==> flow/design.v <==
module ex_adder_top (ck, rst_ni, first, second, res, cy);
    parameter integer W = 7;
    input ck;
    input rst_ni;
    input [W-1:0] first;
    input [W-1:0] second;
    output [W-1:0] res;
    output cy;
    reg [W-1:0] first_d1;
    always @(posedge ck) begin
        if (~rst_ni) begin
            first_d1 <= 0;
        end else begin
            first_d1 <= first;
        end
    end
    reg [W-1:0] second_d1;
    always @(posedge ck) begin
        if (~rst_ni) begin
            second_d1 <= 0;
        end else begin
            second_d1 <= second;
        end
    end
    reg [W-1:0] g;
    reg [W-1:0] p;
    integer k;
    always @(*) begin
        g = first_d1 & second_d1;
        p = first_d1 ^ second_d1;
        for (k = 1; k < W; k = k * 2) begin
            g = g | (p & (g << k));
            p = p & (p << k);
        end
    end
    reg [W-1:0] val_d1;
    always @(posedge ck) begin
        if (~rst_ni) begin
            val_d1 <= 0;
        end else begin
            val_d1 <= first_d1 ^ second_d1;
        end
    end
    reg [W-1:0] g_d1;
    always @(posedge ck) begin
        if (~rst_ni) begin
            g_d1 <= 0;
        end else begin
            g_d1 <= g;
        end
    end
    reg [W-1:0] res_d1;
    always @(posedge ck) begin
        if (~rst_ni) begin
            res_d1 <= 0;
        end else begin
            res_d1 <= val_d1 ^ {g_d1[W-2:0], 1'b0};
        end
    end
    assign res = res_d1;
    reg cy_d1;
    always @(posedge ck) begin
        if (~rst_ni) begin
            cy_d1 <= 1'b0;
        end else begin
            cy_d1 <= g_d1[W-1];
        end
    end
    assign cy = cy_d1;
endmodule
### Tool chain data of ex_adder_top

Tool output for the design above, in the order of the flow.
Line numbers count from 1 in the design file above.
Not given: n/a

| set-up | value |
|---|---|
| top | ex_adder_top |
| clock port | ck |
| library | sky130hd |
| library corner | tt_025C_1v80 |

### Word-level counts

Yosys after proc, flatten, opt, wreduce and memory -nomap, before mapping. Enables and synchronous resets that opt folds into registers are not counted as muxes. Memory bits, and registers merged into a memory's read port (data or address), are not among the register bits. Print and check cells are not counted. Equal cells are merged and count once.

| storage and ports | value |
|---|---|
| output and inout bits | 8 |
| flip-flop bits (word level) | 36 |
| input port bits | 16 |
| elaborated cells | 17 |

| operators by class | value |
|---|---|
| bitwise gates (word level) | 11 |

Operator list:

| operator | number |
|---|---|
| bitwise AND 7 bit | 6 |
| bitwise OR 7 bit | 3 |
| XOR 7 bit | 2 |

### Logic depth

Depth = most cells in a row (Yosys ltp): at word level without a register or memory, in the mapped netlist without a sequential cell, where the memories' decode and read muxes count.

| depth | value |
|---|---|
| depth in word-level cells | 7 |
| ABC_AREA | 0 |
| mapped depth | 4 |
| mapped depth without buffers | 4 |

### Synthesis result

Yosys stat after the flow's synthesis: flattened, memories mapped to cells. It holds for the ABC_AREA given above (unset counts as 0); a run with the other value may have another netlist.
Totals and module areas in this step are rounded.

| mapped netlist | value |
|---|---|
| sequential area | 721 sq um |
| cell area after synthesis | 1180 sq um |
| standard cells after synthesis | 104 |
| flip-flop cells | 36 |

Cell types:

| type | number | total area (sq um) |
|---|---|---|
| sky130_fd_sc_hd__dfxtp_1 | 36 | 720.691 |
| sky130_fd_sc_hd__and2_1 | 23 | 143.888 |
| sky130_fd_sc_hd__ha_1 | 7 | 87.584 |
| sky130_fd_sc_hd__xnor2_1 | 6 | 52.55 |
| sky130_fd_sc_hd__nor2_1 | 9 | 33.782 |
| sky130_fd_sc_hd__a21oi_1 | 4 | 20.019 |
| sky130_fd_sc_hd__o211ai_1 | 2 | 15.014 |
| sky130_fd_sc_hd__a211oi_2 | 1 | 12.512 |
| sky130_fd_sc_hd__nand4_1 | 2 | 12.512 |
| sky130_fd_sc_hd__nand2_1 | 3 | 11.261 |
| sky130_fd_sc_hd__a32o_1 | 1 | 10.01 |
| sky130_fd_sc_hd__a21o_1 | 1 | 7.507 |
| sky130_fd_sc_hd__and2_2 | 1 | 7.507 |
| sky130_fd_sc_hd__buf_4 | 1 | 7.507 |
| sky130_fd_sc_hd__clkbuf_1 | 2 | 7.507 |
| sky130_fd_sc_hd__o21a_1 | 1 | 7.507 |
| sky130_fd_sc_hd__and3_1 | 1 | 6.256 |
| sky130_fd_sc_hd__or3_1 | 1 | 6.256 |

Other cell types: 2; their cells: 2.

### Timing after synthesis

OpenSTA on the mapped netlist: ideal clock, no wires. The path of least setup slack (recovery checks aside). Input and output delay are each 20% of the period. Register names are those of the netlist, which keeps one name where synthesis merged equal registers.

| timing after synthesis | value |
|---|---|
| path kind | flip-flop to flip-flop |
| start point | reg first_d1[1] |
| end point | reg g_d1[4] |
| period | 1520 ps |
| driving pins on the path | 5 |
| required time | 1403 ps |
| arrival time | 1096 ps |
| path delay | 1213 ps |
| slack | 306 ps |
| path buffers | 0 |
| library setup time | 117 ps |
| period reached after synthesis | 1214 ps |

"path delay" is the arrival time less input delay plus setup time.
"driving pins on the path" counts driving pins, that of a launching flip-flop among them; a cell with two outputs on the path counts twice.
"period reached after synthesis" is the clock period less the worst setup slack; recovery checks do not enter. This is arithmetic on one report: input and output delays are still those of the set period (20% each).
Between the ends stands the longest chain of elaborated cells between them, by number of cells; it is not shown to be the way that was timed. Of several equally long chains one is given.
Each line given opens the expression or statement behind the cell; cells for indexed reads and writes are added by Yosys, which also makes memories of some case tables.

| between the ends, after synthesis | value |
|---|---|
| cell sequence | sky130_fd_sc_hd__dfxtp_1 > sky130_fd_sc_hd__ha_1 > sky130_fd_sc_hd__a211oi_2 > sky130_fd_sc_hd__nor2_1 > sky130_fd_sc_hd__a32o_1 |
| length of the longest elaborated chain | 6 |
| elaborated cells on any way between the ends | 10 |
| those cells by class | logic: 10 |

Ends and longest elaborated chain, after synthesis:

| item | line | text |
|---|---|---|
| start, declared | 9 | `reg [W-1:0] first_d1;` |
| start, assigned | 12 | `first_d1 <= 0;` |
| start, assigned | 14 | `first_d1 <= first;` |
| bitwise AND 7 bit | 29 | `g = first_d1 & second_d1;` |
| bitwise AND 7 bit | 32 | `g = g \| (p & (g << k));` |
| bitwise OR 7 bit | 32 |  |
| bitwise AND 7 bit | 32 |  |
| bitwise OR 7 bit (2 in a row) | 32 |  |
| end, assigned | 47 | `g_d1 <= 0;` |
| end, assigned | 49 | `g_d1 <= g;` |
| end, declared | 44 | `reg [W-1:0] g_d1;` |

### Worst path after layout

Path of least setup slack in the final report of job 1 (OpenROAD, finished layout, wires in). Where an end is a register, its clock arrival counts in the times.
The report prints the path's times to 10 ps; the period is as set.

| timing post-layout | value |
|---|---|
| path kind | flip-flop to flip-flop |
| start point | reg second_d1[2] |
| end point | reg g_d1[6] |
| arrival time | 1410 ps |
| slack | -450 ps |
| library setup time | 70 ps |
| path buffers | 0 |
| period | 746 ps |
| driving pins on the path | 5 |
| required time | 960 ps |

Between the ends stands the longest chain of elaborated cells between them, by number of cells; it is not shown to be the way that was timed. Of several equally long chains one is given.

| between the ends, post-layout | value |
|---|---|
| cell sequence | sky130_fd_sc_hd__dfxtp_2 > sky130_fd_sc_hd__ha_4 > sky130_fd_sc_hd__o21ai_1 > sky130_fd_sc_hd__or3_1 > sky130_fd_sc_hd__o211ai_1 |
| length of the longest elaborated chain | 6 |
| elaborated cells on any way between the ends | 9 |
| those cells by class | logic: 9 |

Ends and longest elaborated chain, post-layout:

| item | line | text |
|---|---|---|
| start, declared | 17 | `reg [W-1:0] second_d1;` |
| start, assigned | 20 | `second_d1 <= 0;` |
| start, assigned | 22 | `second_d1 <= second;` |
| XOR 7 bit | 30 | `p = first_d1 ^ second_d1;` |
| bitwise AND 7 bit | 32 | `g = g \| (p & (g << k));` |
| bitwise OR 7 bit (2 in a row) | 32 |  |
| bitwise AND 7 bit | 32 |  |
| bitwise OR 7 bit | 32 |  |
| end, assigned | 47 | `g_d1 <= 0;` |
| end, assigned | 49 | `g_d1 <= g;` |
| end, declared | 44 | `reg [W-1:0] g_d1;` |

Lab notebook: ex_adder_top

3 stored runs of ex_adder_top in the flow (synthesis by Yosys, layout by OpenROAD, sky130hd cells), in arbitrary order. Constraints: input delay and output delay 20% of the set period each, output load 0.01 pF.
By "reached clock period" is meant the clock period of the run minus its worst setup slack. This is arithmetic on one report: input and output delays are still those of the set period (20% each).
"critical path time" is the time allowed to the run's worst setup path (the clock period less input and output delay, where it has them) less its slack. Clock arrival times count: a late capture clock shortens it, a late launch clock lengthens it.
"total power after layout" rests on the timing tool's default activity at the inputs, not on a simulated workload.
"critical path time" is known to 10 ps.
Values from the reports are rounded here.

#### Job 1

| setting | value |
|---|---|
| period_ns | `0.746` |
| CORE_UTILIZATION | `16` |
| SETUP_SLACK_MARGIN | `0.13` |
| PLACE_DENSITY_LB_ADDON | `0.13` |
| CTS_CLUSTER_SIZE | `48` |
| MIN_ROUTING_LAYER | `met2` |
| MAX_ROUTING_LAYER | `met4` |
| CAP_MARGIN | `20` |
| CORE_MARGIN | `2` |
| SLEW_MARGIN | `20` |

| result | value |
|---|---|
| utilization after layout | 0.258 |
| critical path time | 1200 ps |
| class of the worst setup path | flip-flop to flip-flop |
| total die area | 8070 sq um |
| worst setup slack after layout | -451 ps |
| chip area in the Yosys report | 1180 sq um |
| standard-cell area after layout | 1850 sq um |
| lowest hold slack | 386 ps |
| reached clock period | 1197 ps |
| final setup TNS | -3770 ps |
| total power after layout | 3.87 mW |

#### Job 2

| setting | value |
|---|---|
| period_ns | `1.52` |
| CORE_UTILIZATION | `43` |
| SETUP_SLACK_MARGIN | `0.42` |
| PLACE_DENSITY_LB_ADDON | `0.29` |
| HOLD_SLACK_MARGIN | `-0.1` |
| CORE_ASPECT_RATIO | `1.95` |
| ABC_AREA | `0` |
| GPL_TIMING_DRIVEN | `1` |
| GPL_ROUTABILITY_DRIVEN | `1` |
| MIN_ROUTING_LAYER | `met1` |
| MAX_ROUTING_LAYER | `met5` |
| CAP_MARGIN | `20` |
| CORE_MARGIN | `2` |
| SLEW_MARGIN | `20` |

| result | value |
|---|---|
| chip area in the Yosys report | 1180 sq um |
| critical path time | 1250 ps |
| class of the worst setup path | flip-flop to flip-flop |
| final setup TNS | 0 ps |
| total die area | 3200 sq um |
| total power after layout | 2.03 mW |
| standard-cell area after layout | 1650 sq um |
| utilization after layout | 0.636 |
| lowest hold slack | 443 ps |
| reached clock period | 1254 ps |
| worst setup slack after layout | 266 ps |

#### Job 3

| setting | value |
|---|---|
| period_ns | `1.52` |
| CAP_MARGIN | `20` |
| CORE_MARGIN | `2` |
| CORE_UTILIZATION | `40` |
| SLEW_MARGIN | `20` |

| result | value |
|---|---|
| critical path time | 1330 ps |
| class of the worst setup path | flip-flop to flip-flop |
| chip area in the Yosys report | 1180 sq um |
| final setup TNS | 0 ps |
| reached clock period | 1330 ps |
| total power after layout | 2.15 mW |
| lowest hold slack | 444 ps |
| total die area | 3400 sq um |
| worst setup slack after layout | 190 ps |
| utilization after layout | 0.572 |
| standard-cell area after layout | 1590 sq um |
